==> flow/design.v <==
module dp_sel_unit_p #(
  parameter DATA_W = 3,
  parameter WAYS = 4,
  parameter LOGN = $clog2(WAYS)
) (
  input  wire clk_i,
  input  wire [WAYS*DATA_W-1:0] in_d,
  input  wire [LOGN-1:0] in_addr,
  output reg [DATA_W-1:0] out_res
);
  reg [WAYS*DATA_W-1:0] d_s;
  reg [LOGN-1:0] addr_s;
  always @(posedge clk_i) begin
    d_s <= in_d;
    addr_s <= in_addr;
  end
  wire [WAYS-1:0] hot = {{(WAYS-1){1'b0}}, 1'b1} << addr_s;
  reg [DATA_W-1:0] val;
  integer idx;
  always @* begin
    val = 0;
    for (idx = 0; idx < WAYS; idx = idx + 1)
      val = val | (d_s[idx*DATA_W +: DATA_W] & {DATA_W{hot[idx]}});
  end
  always @(posedge clk_i) begin
    out_res <= val;
  end
endmodule
# --- Step by step through the tools: dp_sel_unit_p ---
# A sweep over "WAYS": the same steps for each member of the family.
# The file above is the member WAYS=4. Line numbers count from 1 in each member's own file.
# Cell names lack the library's common part.
design:
  top: "dp_sel_unit_p"
  clock_port: "clk_i"
  library: "sky130hd"
  lib_corner: "tt_025C_1v80"

# --- Source of the members ---
# Lines of each other member's file that are new or changed against the file above; lines that a member lacks are not shown.
src_changes:
  columns: ["WAYS", "line", "text"]
  rows:
  - [7, 3, "parameter WAYS = 7,"]
  - [10, 3, "parameter WAYS = 10,"]
  - [20, 3, "parameter WAYS = 20,"]
  - [32, 3, "parameter WAYS = 32,"]

# --- Word level ---
# Counts by Yosys on the flattened word-level netlist (proc, flatten, opt, wreduce; memories kept). Register bits leave out memories and registers merged into their read ports (data or address); mux counts leave out enables and synchronous resets folded into registers. Print and check cells are left out. Cells with the same type and inputs are merged into one.
word_totals:
  columns: ["WAYS", "regBits", "out_inout_bits", "wordCells"]
  rows:
  - [4, 17, 3, 11]
  - [7, 27, 3, 17]
  - [10, 37, 3, 23]
  - [20, 68, 3, 43]
  - [32, 104, 3, 67]
classes:
  columns: ["WAYS", "shifts", "bitwise"]
  rows:
  - [4, 1, 7]
  - [7, 1, 13]
  - [10, 1, 19]
  - [20, 1, 39]
  - [32, 1, 63]
ops:
  columns: ["WAYS", "operators"]
  rows:
  - [4, "3-bit bitwise AND (4); 3-bit OR (3); 1-bit by 2-bit left shift with 4-bit output (first input constant) (1)"]
  - [7, "3-bit bitwise AND (7); 3-bit OR (6); 1-bit by 3-bit left shift with 7-bit output (first input constant) (1)"]
  - [10, "3-bit bitwise AND (10); 3-bit OR (9); 1-bit by 4-bit left shift with 10-bit output (first input constant) (1)"]
  - [20, "3-bit bitwise AND (20); 3-bit OR (19); 1-bit by 5-bit left shift with 20-bit output (first input constant) (1)"]
  - [32, "3-bit bitwise AND (32); 3-bit OR (31); 1-bit by 5-bit left shift with 32-bit output (first input constant) (1)"]

# --- Depth ---
# Depth = most cells in a row (Yosys ltp): at word level without a register or memory, in the mapped netlist without a sequential cell, where the memories' decode and read muxes count.
logic_depth:
  columns: ["WAYS", "depth_word", "ABC_AREA", "ltp_mapped"]
  rows:
  - [4, 5, 0, 1]
  - [7, 8, 0, 4]
  - [10, 11, 0, 5]
  - [20, 21, 0, 7]
  - [32, 33, 0, 8]

# --- Mapped cells and area ---
# Source: synth_stat.txt of the flow (Yosys; design flattened, memories mapped). It holds for the ABC_AREA given above (unset counts as 0); a run with the other value may have another netlist.
by_type:
  columns: ["WAYS", "type_list"]
  rows:
  - [4, "dfxtp_1 (17); mux4_1 (3)"]
  - [7, "dfxtp_1 (27); mux2i_1 (5); mux4_2 (1); o221ai_1 (2); o21a_1 (2); and4bb_2 (1); buf_6 (1); buf_2 (2); a211o_1 (1); o2bb2ai_1 (1); a211oi_1 (1); or2b_1 (1); a31oi_1 (1); nor2b_1 (1); a21oi_1 (1); nand3_1 (1); nor3_1 (1); inv_1 (1); nand2_1 (1)"]
  - [10, "dfxtp_1 (37); mux2i_1 (4); and2b_1 (3); buf_6 (2); nand3_1 (4); a22oi_1 (2); mux2_4 (1); nand2_1 (4); o21ai_0 (3); or4_1 (2); a22oi_2 (1); and4bb_2 (1); nor3b_2 (1); and2b_4 (1); and3b_2 (1); a21oi_2 (1); a221oi_1 (1); a22o_1 (1); [+14]"]
  - [20, "dfxtp_1 (68); mux2i_1 (7); mux2_2 (6); nand3_1 (9); nor3b_1 (5); nand3b_1 (4); a32oi_1 (3); and3b_1 (3); a31oi_1 (4); buf_2 (5); nand2b_1 (4); mux4_2 (1); nand2_1 (5); nor2b_1 (3); a211o_1 (2); o32ai_1 (2); or3b_1 (2); buf_4 (2); [+35]"]
  - [32, "dfxtp_1 (104); mux2i_1 (11); mux2_2 (9); nand3_1 (10); buf_6 (4); a22o_1 (5); a31oi_1 (7); nand4_1 (7); a22oi_1 (5); buf_4 (5); o21ai_0 (6); a32oi_1 (3); a21oi_1 (5); nor2b_1 (4); nor4_1 (4); nor4_2 (2); and2b_1 (3); nand3b_1 (3); [+63]"]
# A list marked [+n] leaves out that many cells.
synth_totals:
  columns: ["WAYS", "cell_count", "synth_area_um2", "ff_cells", "buf_cells"]
  rows:
  - [4, 20, 419.2, 17, 0]
  - [7, 52, 747.0, 27, 3]
  - [10, 84, 1098.6, 37, 3]
  - [20, 170, 2109.5, 68, 12]
  - [32, 260, 3235.6, 104, 15]

# --- Timing after synthesis ---
# Path of least setup slack by OpenSTA after synthesis, without wires, with an ideal clock, recovery checks aside; 20% of the period is set as input and as output delay. Where synthesis merged equal registers, the netlist keeps one of their names.
synth_timing:
  columns: ["WAYS", "path_kind", "from", "to", "period_ns", "setup_slack_ns", "path_stages", "delay_ns", "period_less_setup_slack_ns"]
  rows:
  - [4, "register to register", "register addr_s[0]", "register out_res[0]", 1.26, 0.249, 2, 1.011, 1.011]
  - [7, "register to register", "register addr_s[1]", "register out_res[0]", 1.47, 0.294, 4, 1.177, 1.176]
  - [10, "register to register", "register addr_s[0]", "register out_res[1]", 1.78, 0.351, 5, 1.428, 1.429]
  - [20, "register to register", "register addr_s[0]", "register out_res[1]", 2.05, 0.409, 5, 1.641, 1.641]
  - [32, "register to register", "register addr_s[4]", "register out_res[2]", 1.89, 0.379, 8, 1.511, 1.511]
# "delay_ns" = arrival - input delay + setup time.
# "path_stages": output pins that drive a net of the path, with the launching flip-flop's if there is one; two outputs of one cell count as two.
# "period_less_setup_slack_ns" = period - worst setup slack (recovery checks aside). The figure is calculated, with input and output delays left at 20% of the set period.
# Between the ends stands the longest chain of elaborated cells between them, by number of cells; it is not shown to be the way that was timed. Of several equally long chains one is given.
# A line is the first line of the expression or statement that the cell stems from. Yosys adds cells for indexed reads and writes and turns some case tables into memories.
synth_between_WAYS_4:
  elab_chain_len: 5
synth_lines_WAYS_4:
  columns: ["element", "line", "text"]
  rows:
  - ["start, declared", 12, "reg [LOGN-1:0] addr_s;"]
  - ["start, assigned", 15, "addr_s <= in_addr;"]
  - ["1-bit by 2-bit left shift with 4-bit output", 17, "wire [WAYS-1:0] hot = {{(WAYS-1){1'b0}}, 1'b1} << addr_s;"]
  - ["3-bit bitwise AND", 23, "val = val | (d_s[idx*DATA_W +: DATA_W] & {DATA_W{hot[idx]}});"]
  - ["3-bit OR x3", 23, null]
  - ["end, assigned", 26, "out_res <= val;"]
  - ["end, declared", 9, "output reg [DATA_W-1:0] out_res"]
synth_between_WAYS_32:
  elab_chain_len: 33
synth_lines_WAYS_32:
  columns: ["element", "line", "text"]
  rows:
  - ["start, declared", 12, "reg [LOGN-1:0] addr_s;"]
  - ["start, assigned", 15, "addr_s <= in_addr;"]
  - ["1-bit by 5-bit left shift with 32-bit output", 17, "wire [WAYS-1:0] hot = {{(WAYS-1){1'b0}}, 1'b1} << addr_s;"]
  - ["3-bit bitwise AND", 23, "val = val | (d_s[idx*DATA_W +: DATA_W] & {DATA_W{hot[idx]}});"]
  - ["3-bit OR x31", 23, null]
  - ["end, assigned", 26, "out_res <= val;"]
  - ["end, declared", 9, "output reg [DATA_W-1:0] out_res"]

# --- Worst path after layout ---
# From the final timing report of each member's run: the path of least setup slack in the routed layout; clock arrival at registers is part of the times.
layout_timing:
  columns: ["WAYS", "path_kind", "from", "to", "period_ns", "setup_slack_ns", "path_stages", "arrival_ns", "path_buffers"]
  rows:
  - [4, "register to output", "register out_res[1]", "output out_res[1]", 1.26, 0.14, 2, 0.87, 1]
  - [7, "register to register", "register addr_s[1]", "register out_res[0]", 1.47, 0.21, 3, 1.49, 0]
  - [10, "register to register", "register addr_s[2]", "register out_res[1]", 1.78, 0.11, 5, 1.91, 0]
  - [20, "register to register", "register addr_s[1]", "register out_res[1]", 2.05, 0.22, 6, 2.01, 1]
  - [32, "register to register", "register addr_s[4]", "register out_res[2]", 1.89, 0.14, 7, 1.99, 1]

# --- Measured runs ---
# Settings and results of one run of the flow (Yosys, OpenROAD) for each member follow. The constraints put input and output delay at 20% of the set period each and load the outputs with 0.01 pF.
flow_settings:
  CAP_MARGIN: 20
  CORE_MARGIN: 2
  CORE_UTILIZATION: 40
  SLEW_MARGIN: 20
settings_by_member:
  columns: ["WAYS", "period_ns"]
  rows:
  - [4, 1.26]
  - [7, 1.47]
  - [10, 1.78]
  - [20, 2.05]
  - [32, 1.89]
results:
  columns: ["WAYS", "synth_area_um2", "final_die_area_um2", "post_route_stdcell_area_um2", "layout_utilization_pct", "timing.setup.ws_ns", "timing.setup.tns_ns", "period_reached_ns"]
  rows:
  - [4, 419.2, 1322.8, 620.6, 65.3, 0.140, 0.000, 1.120]
  - [7, 747.0, 2229.3, 1068.5, 61.2, 0.212, 0.000, 1.258]
  - [10, 1098.6, 3181.5, 1582.8, 58.9, 0.106, 0.000, 1.674]
  - [20, 2109.5, 5870.6, 3084.2, 60.4, 0.225, 0.000, 1.825]
  - [32, 3235.6, 8824.7, 4605.7, 59.3, 0.140, 0.000, 1.750]
# "period_reached_ns" = clock period - worst setup slack. The figure is calculated, with input and output delays left at 20% of the set period.
